==> flow/design.v <==
module core_add_core_p #(
    parameter W = 16
) (
    input wire clock,
    input wire [W-1:0] da,
    input wire [W-1:0] db,
    input wire ci,
    output wire [W-1:0] total,
    output wire carry
);
    reg [W-1:0] da_ff;
    reg [W-1:0] db_ff;
    reg ci_ff;
    reg [W-1:0] t;
    reg c;
    integer k;
    always @(*) begin
        c = ci_ff;
        for (k = 0; k < W; k = k + 1) begin
            t[k] = da_ff[k] ^ db_ff[k] ^ c;
            c = (da_ff[k] & db_ff[k]) | (c & (da_ff[k] | db_ff[k]));
        end
    end
    assign total = t;
    assign carry = c;
    always @(posedge clock) begin
        da_ff <= da;
        db_ff <= db;
        ci_ff <= ci;
    end
endmodule
* Step by step through the tools: core_add_core_p
Tool output for the design above, in the order of the flow.
Lines are those of the file above, counted from 1.
Operators carry their Yosys type and port widths (W data, S select, Z words).
Cell names lack the library's common part.
A cell with - has no value.
- Top :: core_add_core_p
- Clock port :: clock
- Library :: sky130hd
- Timing corner :: tt_025C_1v80

* Word-level counts
Yosys after proc, flatten, opt, wreduce and memory -nomap, before mapping. Enables and synchronous resets that opt folds into registers are not counted as muxes. Memory bits, and registers merged into a memory's read port (data or address), are not among the register bits. Print and check cells are not counted. Equal cells are merged and count once.
- $add $sub $neg :: 0
- Multipliers :: 0
- Div/mod/pow operators :: 0
- $lt $le $gt $ge :: 0
- Eq/ne operators :: 0
- Shift-type cells :: 0
- Multiplexer cells :: 0
- Bitwise gates (word level) :: 96
- Reductions and logical operators :: 0
** Operator list (number)
- $and A1 B1 Y1 :: 32
- $or A1 B1 Y1 :: 32
- $xor A1 B1 Y1 :: 32
- Register bits :: 33
- Latch bits :: 0
- Memory bits (writable) :: 0
- Bits in read-only memories :: 0
- Word width x clocked read ports :: 0
- Memories kept :: 0
- Cells after elaboration :: 99

* Depth
Depth = most cells in a row (Yosys ltp): at word level without a register or memory, in the mapped netlist without a sequential cell, where the memories' decode and read muxes count.
- Depth after elaboration :: 33
- ABC_AREA :: 0
- Gate-level depth with buffers :: 20
- Depth with buffers taken out :: 20

* After synthesis
Yosys stat after the flow's synthesis: flattened, memories mapped to cells. It holds for the ABC_AREA given above (unset counts as 0); a run with the other value may have another netlist.
The area totals of this step are shown rounded.
- Cells in the netlist :: 59
- Mapped area :: 1020 µm²
- Sequential part of the area :: 661 µm²
- Flip-flops :: 33
- Buffers :: 0
** Cell types
- dfxtp_1 :: number 33, total area 660.634 µm²
- fa_1 :: number 16, total area 320.307 µm²
- inv_1 :: number 10, total area 37.536 µm²

* Worst setup path after synthesis
OpenSTA on the mapped netlist: ideal clock, no wires. The path of least setup slack (recovery checks aside). Input and output delay are each 20% of the period. Register names are those of the netlist, which keeps one name where synthesis merged equal registers.
- Path type :: reg-to-output
- Start point :: register da_ff[0]
- End point :: output total[15]
- Clock period :: 10.0 ns
- External output delay :: 2.000 ns
- Arrival time :: 6.409 ns
- Required time :: 8.000 ns
- Setup slack :: 1.591 ns
- Path delay :: 6.409 ns
- Stages on the path :: 21
- Buffers on the path :: 0
- Synthesis period reached :: 8.409 ns
"path delay" = arrival - input delay + setup time.
A path that ends at an output port has no setup time.
"stages on the path" counts driving pins, that of a launching flip-flop among them; a cell with two outputs on the path counts twice.
"synthesis period reached" is the clock period less the worst setup slack; recovery checks do not enter. This is arithmetic on one report: input and output delays are still those of the set period (20% each).
Between the ends stands the longest chain of elaborated cells between them, by number of cells; it is not shown to be the way that was timed. Of several equally long chains one is given.
A line is the first line of the expression or statement that the cell stems from. Yosys adds cells for indexed reads and writes and turns some case tables into memories.
- Cell sequence :: dfxtp_1 fa_1 fa_1 fa_1 fa_1 fa_1 fa_1 fa_1 fa_1 fa_1 fa_1 fa_1 fa_1 fa_1 inv_1 fa_1 inv_1 fa_1 inv_1 fa_1 inv_1
- Length of the longest elaborated chain :: 32
- Elaborated cells between the ends (all ways) :: 33
- Classes of those cells :: logic (33)
** RTL lines, path post-synthesis
- from (decl) :: line 11 : reg [W-1:0] da_ff;
- from (assign) :: line 27 : da_ff <= da;
- $or A1 B1 Y1 :: line 21 : c = (da_ff[k] & db_ff[k]) | (c & (da_ff[k] | db_ff[k]));
- $and A1 B1 Y1 :: line 21
- $or A1 B1 Y1 :: line 21
- $and A1 B1 Y1 :: line 21
- $or A1 B1 Y1 :: line 21
- $and A1 B1 Y1 :: line 21
- $or A1 B1 Y1 :: line 21
- [... 18 more ...]
- $and A1 B1 Y1 :: line 21
- $or A1 B1 Y1 :: line 21
- $and A1 B1 Y1 :: line 21
- $or A1 B1 Y1 :: line 21
- $and A1 B1 Y1 :: line 21
- $or A1 B1 Y1 :: line 21
- $xor A1 B1 Y1 :: line 20 : t[k] = da_ff[k] ^ db_ff[k] ^ c;
- to (decl) :: line 8 : output wire [W-1:0] total,

* Timing after layout
Path of least setup slack in the final report of flow run A (OpenROAD, finished layout, wires in). Where an end is a register, its clock arrival counts in the times.
- Path type :: reg-to-output
- Start point :: register da_ff[0]
- End point :: output total[15]
- Clock period :: 10.0 ns
- External output delay :: 2.00 ns
- Arrival time :: 7.45 ns
- Required time :: 8.00 ns
- Setup slack :: 0.55 ns
- Stages on the path :: 22
- Buffers on the path :: 1
Between the ends stands the longest chain of elaborated cells between them, by number of cells; it is not shown to be the way that was timed. Of several equally long chains one is given.
- Cell sequence :: dfxtp_1 fa_1 fa_1 fa_1 fa_1 fa_1 fa_1 fa_1 fa_1 fa_1 fa_1 fa_1 fa_1 fa_1 inv_1 fa_1 inv_1 fa_1 inv_1 fa_1 inv_1 clkdlybuf4s50_1
- Length of the longest elaborated chain :: 32
- Elaborated cells between the ends (all ways) :: 33
- Classes of those cells :: logic (33)
** RTL lines, path post-layout
- from (decl) :: line 11 : reg [W-1:0] da_ff;
- from (assign) :: line 27 : da_ff <= da;
- $or A1 B1 Y1 :: line 21 : c = (da_ff[k] & db_ff[k]) | (c & (da_ff[k] | db_ff[k]));
- $and A1 B1 Y1 :: line 21
- $or A1 B1 Y1 :: line 21
- $and A1 B1 Y1 :: line 21
- $or A1 B1 Y1 :: line 21
- $and A1 B1 Y1 :: line 21
- $or A1 B1 Y1 :: line 21
- [... 18 more ...]
- $and A1 B1 Y1 :: line 21
- $or A1 B1 Y1 :: line 21
- $and A1 B1 Y1 :: line 21
- $or A1 B1 Y1 :: line 21
- $and A1 B1 Y1 :: line 21
- $or A1 B1 Y1 :: line 21
- $xor A1 B1 Y1 :: line 20 : t[k] = da_ff[k] ^ db_ff[k] ^ c;
- to (decl) :: line 8 : output wire [W-1:0] total,

==> runs of core_add_core_p <==
Stored flow runs of core_add_core_p (3 of them; Yosys, OpenROAD, sky130hd). They differ in their settings and are not a sequence. Constraints: input delay and output delay 20% of the set period each, output load 0.01 pF.
"reached clock period" = clock period - worst setup slack. The figure is calculated, with input and output delays left at 20% of the set period.
"critical setup path time": the worst setup path's part of the clock period (all of it between registers, 20% less for each end at a port) less its slack. A launch clock that arrives late makes it longer, a capture clock that arrives late makes it shorter.
"total design power" rests on the timing tool's default activity at the inputs, not on a simulated workload.
Values from the reports are rounded here.

** Flow run A
- Settings :: period_ns=10.0; CAP_MARGIN=20; CORE_MARGIN=2; CORE_UTILIZATION=40; SLEW_MARGIN=20
- Total die area :: 2970 µm²
- Post-layout utilization :: 66.9%
- Synthesized cell area :: 1020 µm²
- Total design power :: 302 uW
- Reached clock period :: 9.449 ns
- Worst hold slack in the final report :: 2.10 ns
- Standard-cell area after layout :: 1640 µm²
- Worst setup slack after layout :: 0.551 ns
- Post-route setup TNS :: 0.000 ns
- Critical setup path time :: 7.45 ns
- Worst setup path kind :: reg-to-output

** Flow run B
- Settings :: period_ns=9.93; CORE_UTILIZATION=28; SETUP_SLACK_MARGIN=-0.48; PLACE_DENSITY=0.57; CORE_ASPECT_RATIO=1.39; GPL_ROUTABILITY_DRIVEN=0; CTS_CLUSTER_SIZE=94; MAX_ROUTING_LAYER=met5; CAP_MARGIN=20; CORE_MARGIN=2; SLEW_MARGIN=20
- Total die area :: 4140 µm²
- Post-layout utilization :: 48.0%
- Synthesized cell area :: 1020 µm²
- Total design power :: 297 uW
- Reached clock period :: 9.437 ns
- Worst hold slack in the final report :: 2.15 ns
- Standard-cell area after layout :: 1650 µm²
- Worst setup slack after layout :: 0.493 ns
- Post-route setup TNS :: 0.000 ns
- Critical setup path time :: 7.45 ns
- Worst setup path kind :: reg-to-output

** Flow run C
- Settings :: period_ns=7.03; CORE_UTILIZATION=26; SETUP_SLACK_MARGIN=0.23; PLACE_DENSITY_LB_ADDON=0.15; CELL_PAD_IN_SITES_DETAIL_PLACEMENT=2; GPL_TIMING_DRIVEN=0; CTS_CLUSTER_SIZE=42; CAP_MARGIN=10; SLEW_MARGIN=30; MIN_ROUTING_LAYER=met1; CORE_MARGIN=2
- Total die area :: 4430 µm²
- Post-layout utilization :: 46.8%
- Synthesized cell area :: 1020 µm²
- Total design power :: 478 uW
- Reached clock period :: 7.840 ns
- Worst hold slack in the final report :: 1.56 ns
- Standard-cell area after layout :: 1740 µm²
- Worst setup slack after layout :: -0.810 ns
- Post-route setup TNS :: -2.02 ns
- Critical setup path time :: 6.43 ns
- Worst setup path kind :: reg-to-output
